==> flow/design.v <==
module mag_cmp_n #(
  parameter WD = 4,
  parameter N = 12
) (
  input  clk,
  input  [N*WD-1:0] din,
  output [WD-1:0] max_o
);
  reg [N*WD-1:0] din_d1;
  reg [WD-1:0] work;
  integer k;
  always @(*) begin
    work = din_d1[WD-1:0];
    for (k = 1; k < N; k = k + 1)
      if (din_d1[k*WD +: WD] > work) work = din_d1[k*WD +: WD];
  end
  assign max_o = work;
  always @(posedge clk)
    din_d1 <= din;
endmodule
# From RTL to reports: mag_cmp_n
# What the tools print for mag_cmp_n, step after step.
# Lines are those of the file above, counted from 1.
# A cell with -- has no value.
[design] design="mag_cmp_n" clk_port="clk" lib="sky130hd" lib_corner="tt_025C_1v80"

# Word-level counts
# Yosys after proc, flatten, opt, wreduce and memory -nomap, before mapping. Enables and synchronous resets that opt folds into registers are not counted as muxes. Memory bits, and registers merged into a memory's read port (data or address), are not among the register bits. Print and check cells are not counted. Equal cells are merged and count once.
[op_classes] mux=11 cmp=11
[ops] op="greater-than comparator 4 bit" n=11
[ops] op="2-to-1 mux 4 bit" n=11
[word_totals] input_bits=49 register_bits=48 word_cells=23

# Depth
# Longest topological path by Yosys (ltp), each cell counted once; first at word level (registers and memories cut), then after technology mapping (sequential cells cut; the memories' decode and read muxes count).
[logic_depth] depth_word=22 abc_area=0 ltp_mapped=97 mapped_depth_nobuf=97

# Netlist
# Yosys stat after the flow's synthesis: flattened, memories mapped to cells. It holds for the ABC_AREA given above (unset counts as 0); a run with the other value may have another netlist.
# The area totals of this step are shown rounded.
[types] type="sky130_fd_sc_hd__dfxtp_1" n=48 type_area_um2=960.922
[types] type="sky130_fd_sc_hd__ha_1" n=27 type_area_um2=337.824
[types] type="sky130_fd_sc_hd__inv_1" n=46 type_area_um2=172.666
[types] type="sky130_fd_sc_hd__mux2_2" n=12 type_area_um2=135.13
[types] type="sky130_fd_sc_hd__mux2i_1" n=12 type_area_um2=120.115
[types] type="sky130_fd_sc_hd__nand2_1" n=32 type_area_um2=120.115
[types] type="sky130_fd_sc_hd__nor2_1" n=32 type_area_um2=120.115
[types] type="sky130_fd_sc_hd__a21oi_1" n=20 type_area_um2=100.096
[types] type="sky130_fd_sc_hd__o21ai_0" n=16 type_area_um2=80.077
[types] type="sky130_fd_sc_hd__xnor2_1" n=9 type_area_um2=78.826
[types] type="sky130_fd_sc_hd__a211o_1" n=6 type_area_um2=52.55
[types] type="sky130_fd_sc_hd__a31oi_1" n=8 type_area_um2=50.048
[types] type="sky130_fd_sc_hd__maj3_1" n=4 type_area_um2=40.038
[types] type="sky130_fd_sc_hd__a21o_1" n=5 type_area_um2=37.536
[types] type="sky130_fd_sc_hd__nand2b_1" n=6 type_area_um2=37.536
[types] type="sky130_fd_sc_hd__o211ai_1" n=5 type_area_um2=37.536
[types] type="sky130_fd_sc_hd__a221oi_1" n=4 type_area_um2=35.034
[types] type="sky130_fd_sc_hd__o2111ai_1" n=4 type_area_um2=35.034
# Other cell types: 59; their cells: 105.
[synth_totals] mapped_cells=401 n_buf=4 ff_cells=48 mapped_area_mm2=0.00347

# Timing after synthesis
# Path of least setup slack by OpenSTA after synthesis, without wires, with an ideal clock, recovery checks aside; 20% of the period is set as input and as output delay. Where synthesis merged equal registers, the netlist keeps one of their names.
[synth_timing] path_kind="reg-to-output" start="register din_d1[1]" end="output port max_o[0]" output_delay_ps=5160 arrival_ps=16538 path_delay_ps=16538 driving_pins=87 t_required_ps=20640 n_path_buf=0 path_slack_ps=4102 clock_period_ps=25800 period_less_setup_slack_ps=21698
# "path_delay_ps" is the arrival time less input delay plus setup time.
# A path that ends at an output port has no setup time.
# "driving_pins": output pins that drive a net of the path, with the launching flip-flop's if there is one; two outputs of one cell count as two.
# "period_less_setup_slack_ps" = period - worst setup slack (recovery checks aside). The figure is calculated, with input and output delays left at 20% of the set period.
# Between the ends stands the longest chain of elaborated cells between them, by number of cells; it is not shown to be the way that was timed. Of several equally long chains one is given.
# A line is the first line of the expression or statement that the cell stems from. Yosys adds cells for indexed reads and writes and turns some case tables into memories.
[synth_via] cell_sequence="sky130_fd_sc_hd__dfxtp_1 -> sky130_fd_sc_hd__inv_1 -> sky130_fd_sc_hd__ha_1 -> sky130_fd_sc_hd__and2b_1 -> sky130_fd_sc_hd__o211ai_4 -> sky130_fd_sc_hd__a21oi_4 -> sky130_fd_sc_hd__a21oi_1 -> sky130_fd_sc_hd__ha_1 -> sky130_fd_sc_hd__nand2b_1 -> sky130_fd_sc_hd__nor2_1 -> sky130_fd_sc_hd__a21o_1 -> sky130_fd_sc_hd__nor3_2 -> sky130_fd_sc_hd__a21oi_1 -> sky130_fd_sc_hd__a31oi_1 -> sky130_fd_sc_hd__mux2i_1 -> sky130_fd_sc_hd__inv_1 -> sky130_fd_sc_hd__ha_1 -> sky130_fd_sc_hd__and2_1 -> (+51 left out) -> sky130_fd_sc_hd__ha_1 -> sky130_fd_sc_hd__or2_2 -> sky130_fd_sc_hd__maj3_1 -> sky130_fd_sc_hd__o221a_2 -> sky130_fd_sc_hd__nand2_1 -> sky130_fd_sc_hd__mux2_2 -> sky130_fd_sc_hd__ha_1 -> sky130_fd_sc_hd__nor3_1 -> sky130_fd_sc_hd__or3b_2 -> sky130_fd_sc_hd__nand4_2 -> sky130_fd_sc_hd__mux2i_1 -> sky130_fd_sc_hd__inv_1 -> sky130_fd_sc_hd__ha_1 -> sky130_fd_sc_hd__o21ai_0 -> sky130_fd_sc_hd__nand2b_1 -> sky130_fd_sc_hd__a21oi_1 -> sky130_fd_sc_hd__a41o_1 -> sky130_fd_sc_hd__mux2_2" elab_chain_cells=22 cone_cells=22 lines_between=1 classes_between="11 x compare; 11 x mux"
[synth_lines] item="start: declaration" line=9 rtl="reg [N*WD-1:0] din_d1;"
[synth_lines] item="start: assignment" line=19 rtl="din_d1 <= din;"
[synth_lines] item="greater-than comparator 4 bit" line=15 rtl="if (din_d1[k*WD +: WD] > work) work = din_d1[k*WD +: WD];"
[synth_lines] item="2-to-1 mux 4 bit" line=15
[synth_lines] item="greater-than comparator 4 bit" line=15
[synth_lines] item="2-to-1 mux 4 bit" line=15
[synth_lines] item="greater-than comparator 4 bit" line=15
[synth_lines] item="2-to-1 mux 4 bit" line=15
[synth_lines] item="greater-than comparator 4 bit" line=15
[synth_lines] item="(+8 left out)"
[synth_lines] item="2-to-1 mux 4 bit" line=15
[synth_lines] item="greater-than comparator 4 bit" line=15
[synth_lines] item="2-to-1 mux 4 bit" line=15
[synth_lines] item="greater-than comparator 4 bit" line=15
[synth_lines] item="2-to-1 mux 4 bit" line=15
[synth_lines] item="greater-than comparator 4 bit" line=15
[synth_lines] item="2-to-1 mux 4 bit" line=15
[synth_lines] item="end: declaration" line=7 rtl="output [WD-1:0] max_o"

# Timing after layout
# From the final timing report of flow run B: the path of least setup slack in the routed layout; clock arrival at registers is part of the times.
# The path's times are printed in steps of 10 ps; the period is the one set.
[layout_timing] path_kind="reg-to-output" start="register din_d1[1]" end="output port max_o[2]" path_slack_ps=1680 n_path_buf=1 clock_period_ps=25800 t_required_ps=20640 driving_pins=88 arrival_ps=18960 output_delay_ps=5160
# Between the ends stands the longest chain of elaborated cells between them, by number of cells; it is not shown to be the way that was timed. Of several equally long chains one is given.
[layout_via] cell_sequence="sky130_fd_sc_hd__dfxtp_1 -> sky130_fd_sc_hd__inv_1 -> sky130_fd_sc_hd__ha_1 -> sky130_fd_sc_hd__and2b_1 -> sky130_fd_sc_hd__o211ai_4 -> sky130_fd_sc_hd__a21oi_4 -> sky130_fd_sc_hd__a21oi_1 -> sky130_fd_sc_hd__ha_1 -> sky130_fd_sc_hd__nand2b_1 -> sky130_fd_sc_hd__nor2_1 -> sky130_fd_sc_hd__a21o_1 -> sky130_fd_sc_hd__nor3_2 -> sky130_fd_sc_hd__a21oi_1 -> sky130_fd_sc_hd__a31oi_2 -> sky130_fd_sc_hd__mux2i_1 -> sky130_fd_sc_hd__inv_1 -> sky130_fd_sc_hd__ha_1 -> sky130_fd_sc_hd__and2_1 -> (+52 left out) -> sky130_fd_sc_hd__or2_2 -> sky130_fd_sc_hd__maj3_1 -> sky130_fd_sc_hd__o221a_2 -> sky130_fd_sc_hd__nand2_1 -> sky130_fd_sc_hd__mux2_2 -> sky130_fd_sc_hd__ha_1 -> sky130_fd_sc_hd__nor3_1 -> sky130_fd_sc_hd__or3b_2 -> sky130_fd_sc_hd__nand4_2 -> sky130_fd_sc_hd__mux2i_1 -> sky130_fd_sc_hd__inv_1 -> sky130_fd_sc_hd__ha_1 -> sky130_fd_sc_hd__o21ai_0 -> sky130_fd_sc_hd__nand2b_1 -> sky130_fd_sc_hd__a21oi_1 -> sky130_fd_sc_hd__a41o_1 -> sky130_fd_sc_hd__mux2_2 -> sky130_fd_sc_hd__clkdlybuf4s50_1" elab_chain_cells=22 cone_cells=22 lines_between=1 classes_between="11 x compare; 11 x mux"
[layout_lines] item="start: declaration" line=9 rtl="reg [N*WD-1:0] din_d1;"
[layout_lines] item="start: assignment" line=19 rtl="din_d1 <= din;"
[layout_lines] item="greater-than comparator 4 bit" line=15 rtl="if (din_d1[k*WD +: WD] > work) work = din_d1[k*WD +: WD];"
[layout_lines] item="2-to-1 mux 4 bit" line=15
[layout_lines] item="greater-than comparator 4 bit" line=15
[layout_lines] item="2-to-1 mux 4 bit" line=15
[layout_lines] item="greater-than comparator 4 bit" line=15
[layout_lines] item="2-to-1 mux 4 bit" line=15
[layout_lines] item="greater-than comparator 4 bit" line=15
[layout_lines] item="(+8 left out)"
[layout_lines] item="2-to-1 mux 4 bit" line=15
[layout_lines] item="greater-than comparator 4 bit" line=15
[layout_lines] item="2-to-1 mux 4 bit" line=15
[layout_lines] item="greater-than comparator 4 bit" line=15
[layout_lines] item="2-to-1 mux 4 bit" line=15
[layout_lines] item="greater-than comparator 4 bit" line=15
[layout_lines] item="2-to-1 mux 4 bit" line=15
[layout_lines] item="end: declaration" line=7 rtl="output [WD-1:0] max_o"

# mag_cmp_n through Yosys and OpenROAD on sky130hd: 3 stored runs, unordered, with their settings and measured results. The constraints put input and output delay at 20% of the set period each and load the outputs with 0.01 pF.
# "achievedPeriod_ps" means the clock period less the worst setup slack. The figure is calculated, with input and output delays left at 20% of the set period.
# "worst_path_allowed_less_slack_ps" = time allowed to the worst setup path (clock period - input delay - output delay, where it has them) - its slack; a late launch clock adds to it, a late capture clock takes from it.
# "worst_path_allowed_less_slack_ps" is known to 10 ps.
# The measured numbers are rounded.
run="flow run A" settings period_ns=18.8 CORE_UTILIZATION=65 SETUP_SLACK_MARGIN=2.09 PLACE_DENSITY=0.49 TNS_END_PERCENT=75 GPL_ROUTABILITY_DRIVEN=0 CTS_CLUSTER_DIAMETER=175 CAP_MARGIN=40 SLEW_MARGIN=35 MAX_ROUTING_LAYER="met4" CORE_MARGIN=2
run="flow run A" outcome="stopped before the end: placement reported DPL-0033"
run="flow run B" settings period_ns=25.8 CAP_MARGIN=20 CORE_MARGIN=2 CORE_UTILIZATION=40 SLEW_MARGIN=20
run="flow run B" results dieArea_mm2=0.00943 achievedPeriod_ps=24120 setup_ws_ps=1680 worst_path_allowed_less_slack_ps=18960 worst_setup_path_type="reg-to-output" fin_util_pct=51.2 finalCellArea_mm2=0.00425 holdWs_ps=5290 synth_chip_area_mm2=0.00347
run="flow run C" settings period_ns=36.1 CORE_UTILIZATION=72 SETUP_SLACK_MARGIN=5.0 PLACE_DENSITY_LB_ADDON=0.06 HOLD_SLACK_MARGIN=0.04 CORE_MARGIN=8 CELL_PAD_IN_SITES_DETAIL_PLACEMENT=2 TNS_END_PERCENT=40 GPL_ROUTABILITY_DRIVEN=1 MAX_ROUTING_LAYER="met4" CAP_MARGIN=20 SLEW_MARGIN=20
run="flow run C" outcome="stopped before the end: placement reported DPL-0033"
